==> flow/design.v <==
module ex_data_mux (aclk, src_in, addr_in, dout_out);
    parameter integer DATA_W = 64;
    parameter integer NUM = 4;
    localparam integer LOGN = $clog2(NUM);
    input aclk;
    input [NUM*DATA_W-1:0] src_in;
    input [LOGN-1:0] addr_in;
    output [DATA_W-1:0] dout_out;
    reg [NUM*DATA_W-1:0] src_d1;
    always @(posedge aclk)
        src_d1 <= src_in;
    reg [LOGN-1:0] addr_d1;
    always @(posedge aclk)
        addr_d1 <= addr_in;
    assign dout_out = src_d1[addr_d1*DATA_W +: DATA_W];
endmodule
======== Tool chain data of ex_data_mux ========
The steps from the RTL of ex_data_mux to its reports follow in flow order.
Lines are those of the file above, counted from 1.
Operators: Yosys type, input widths -> output width; for muxes data width and select width s.
Cell names lack the library's common part.
The mark - stands for no value.
design
  top ..................................... ex_data_mux
  clock ................................... aclk
  library ................................. sky130hd
  corner .................................. tt_025C_1v80

======== After elaboration ========
Counts by Yosys on the flattened word-level netlist (proc, flatten, opt, wreduce; memories kept). Register bits leave out memories and registers merged into their read ports (data or address); mux counts leave out enables and synchronous resets folded into registers. Print and check cells are left out. Cells with the same type and inputs are merged into one.
storage and ports
  flip-flop bits (word level) ............. 258
  bits of input ports ..................... 259
  output and inout port bits .............. 64
cells by class
  shift-type cells ........................ 1
operators with widths
  kind               count
  $shiftx 256x9->64  1

======== Logic depth ========
Depth = most cells in a row (Yosys ltp): at word level without a register or memory, in the mapped netlist without a sequential cell, where the memories' decode and read muxes count.
depth
  word-level depth ........................ 1
  ABC_AREA ................................ 0
  depth in mapped cells ................... 3
  mapped depth without buffers ............ 1

======== After synthesis ========
Source: synth_stat.txt of the flow (Yosys; design flattened, memories mapped). It holds for the ABC_AREA given above (unset counts as 0); a run with the other value may have another netlist.
Totals and module areas in this step are rounded.
synthesis totals
  cells in the netlist .................... 336
  mapped area ............................. 6800 um^2
  flip-flops .............................. 258
  buffer cells ............................ 14
cell types
  type      count  area in all (um^2)
  dfxtp_1   258    5.16E+03
  mux4_2    60     1.35E+03
  buf_12    6      120.115
  mux4_1    4      105.101
  buf_2     6      30.029
  buf_6     1      11.261
  clkbuf_2  1      5.005

======== Worst setup path after synthesis ========
OpenSTA on the mapped netlist: ideal clock, no wires. The path of least setup slack (recovery checks aside). Input and output delay are each 20% of the period. Register names are those of the netlist, which keeps one name where synthesis merged equal registers.
path post-synthesis
  kind .................................... register to output
  start ................................... reg addr_d1[0]
  end ..................................... out dout_out[0]
  clock period ............................ 1840 ps
  time at the first pin ................... 0 ps
  data arrival time ....................... 1175 ps
  data required time ...................... 1472 ps
  path slack .............................. 297 ps
  path delay .............................. 1175 ps
  stages .................................. 4
  buffers on the path ..................... 2
  synthesis period reached ................ 1543 ps
"path delay" is the arrival time less input delay plus setup time.
A path that ends at an output port has no setup time.
"stages": output pins that drive a net of the path, with the launching flip-flop's if there is one; two outputs of one cell count as two.
"synthesis period reached" = period - worst setup slack (recovery checks aside). The figure is calculated, with input and output delays left at 20% of the set period.
Between the ends stands the longest chain of elaborated cells between them, by number of cells; it is not shown to be the way that was timed. Of several equally long chains one is given.
Each line given opens the expression or statement behind the cell; cells for indexed reads and writes are added by Yosys, which also makes memories of some case tables.
between the ends, post-synthesis
  path through ............................ dfxtp_1 buf_6 buf_12 mux4_2
  length of the longest elaborated chain .. 1
RTL lines, path post-synthesis
  item                RTL line  text
  start: declaration  12        reg [LOGN-1:0] addr_d1;
  start: assignment   14        addr_d1 <= addr_in;
  $shiftx 256x9->64   15        assign dout_out = src_d1[addr_d1*DATA_W +: DATA_W];
  end: declaration    8         output [DATA_W-1:0] dout_out;

======== Timing after layout ========
From the final timing report of run 1: the path of least setup slack in the routed layout; clock arrival at registers is part of the times.
The path's times are printed in steps of 10 ps; the period is the one set.
path after layout
  kind .................................... register to output
  start ................................... reg addr_d1[0]
  end ..................................... out dout_out[1]
  clock period ............................ 1840 ps
  time at the first pin ................... 510 ps
  data arrival time ....................... 1910 ps
  data required time ...................... 1470 ps
  path slack .............................. -440 ps
  stages .................................. 6
  buffers on the path ..................... 4
Between the ends stands the longest chain of elaborated cells between them, by number of cells; it is not shown to be the way that was timed. Of several equally long chains one is given.
between the ends, after layout
  path through ............................ dfxtp_4 buf_12 buf_12 buf_12 mux4_2 buf_2
  length of the longest elaborated chain .. 1
RTL lines, path after layout
  item                RTL line  text
  start: declaration  12        reg [LOGN-1:0] addr_d1;
  start: assignment   14        addr_d1 <= addr_in;
  $shiftx 256x9->64   15        assign dout_out = src_d1[addr_d1*DATA_W +: DATA_W];
  end: declaration    8         output [DATA_W-1:0] dout_out;

Top module ex_data_mux; platform sky130hd; tools Yosys and OpenROAD; 3 stored runs in no particular order. Input and output delays are each 20% of the period that was set; the output load is 0.01 pF.
"period achieved" = clock period - worst setup slack. The figure is calculated, with input and output delays left at 20% of the set period.
"time on the worst setup path" = time allowed to the worst setup path (clock period - input delay - output delay, where it has them) - its slack; a late launch clock adds to it, a late capture clock takes from it.
"overall power" is the tool's figure for a default switching activity; nothing was simulated.
"time on the worst setup path" is known to 10 ps.
Measured values are rounded.

---- run 1 ----
settings
  period_ns = 1.84
  CAP_MARGIN = 20
  CORE_MARGIN = 2
  CORE_UTILIZATION = 40
  SLEW_MARGIN = 20
results
  time on the worst setup path ............ 1910 ps
  critical path type ...................... register to output
  period achieved ......................... 2279 ps
  area of the die ......................... 18000 um^2
  post-route setup TNS .................... -23000 ps
  setup slack of the worst path ........... -440 ps
  netlist area reported by Yosys .......... 6800 um^2
  overall power ........................... 13000 µW
  utilization of the finished layout ...... 69 %
  standard-cell area after routing ........ 12000 um^2
  post-route worst hold slack ............. 290 ps

---- run 2 ----
settings
  period_ns = 1.37
  CORE_UTILIZATION = 20
  SETUP_SLACK_MARGIN = 0.36
  PLACE_DENSITY_LB_ADDON = 0.21
  CELL_PAD_IN_SITES_GLOBAL_PLACEMENT = 1
  TNS_END_PERCENT = 35
  GPL_TIMING_DRIVEN = 0
  CTS_CLUSTER_SIZE = 26
  CTS_CLUSTER_DIAMETER = 64
  SLEW_MARGIN = 0
  MAX_ROUTING_LAYER = met5
  CAP_MARGIN = 20
  CORE_MARGIN = 2
results
  time on the worst setup path ............ 1930 ps
  critical path type ...................... register to output
  period achieved ......................... 2203 ps
  area of the die ......................... 35000 um^2
  post-route setup TNS .................... -50000 ps
  setup slack of the worst path ........... -830 ps
  netlist area reported by Yosys .......... 6800 um^2
  overall power ........................... 16000 µW
  utilization of the finished layout ...... 34 %
  standard-cell area after routing ........ 11000 um^2
  post-route worst hold slack ............. 180 ps

---- run 3 ----
settings
  period_ns = 2.03
  CORE_UTILIZATION = 25
  PLACE_DENSITY = 0.92
  CORE_MARGIN = 9
  GPL_ROUTABILITY_DRIVEN = 0
  CTS_CLUSTER_SIZE = 67
  CAP_MARGIN = 10
  SLEW_MARGIN = 40
  MIN_ROUTING_LAYER = met2
  MAX_ROUTING_LAYER = met5
results
  time on the worst setup path ............ 1970 ps
  critical path type ...................... register to output
  period achieved ......................... 2373 ps
  area of the die ......................... 33000 um^2
  post-route setup TNS .................... -17000 ps
  setup slack of the worst path ........... -340 ps
  netlist area reported by Yosys .......... 6800 um^2
  overall power ........................... 11000 µW
  utilization of the finished layout ...... 44 %
  standard-cell area after routing ........ 12000 um^2
  post-route worst hold slack ............. 320 ps
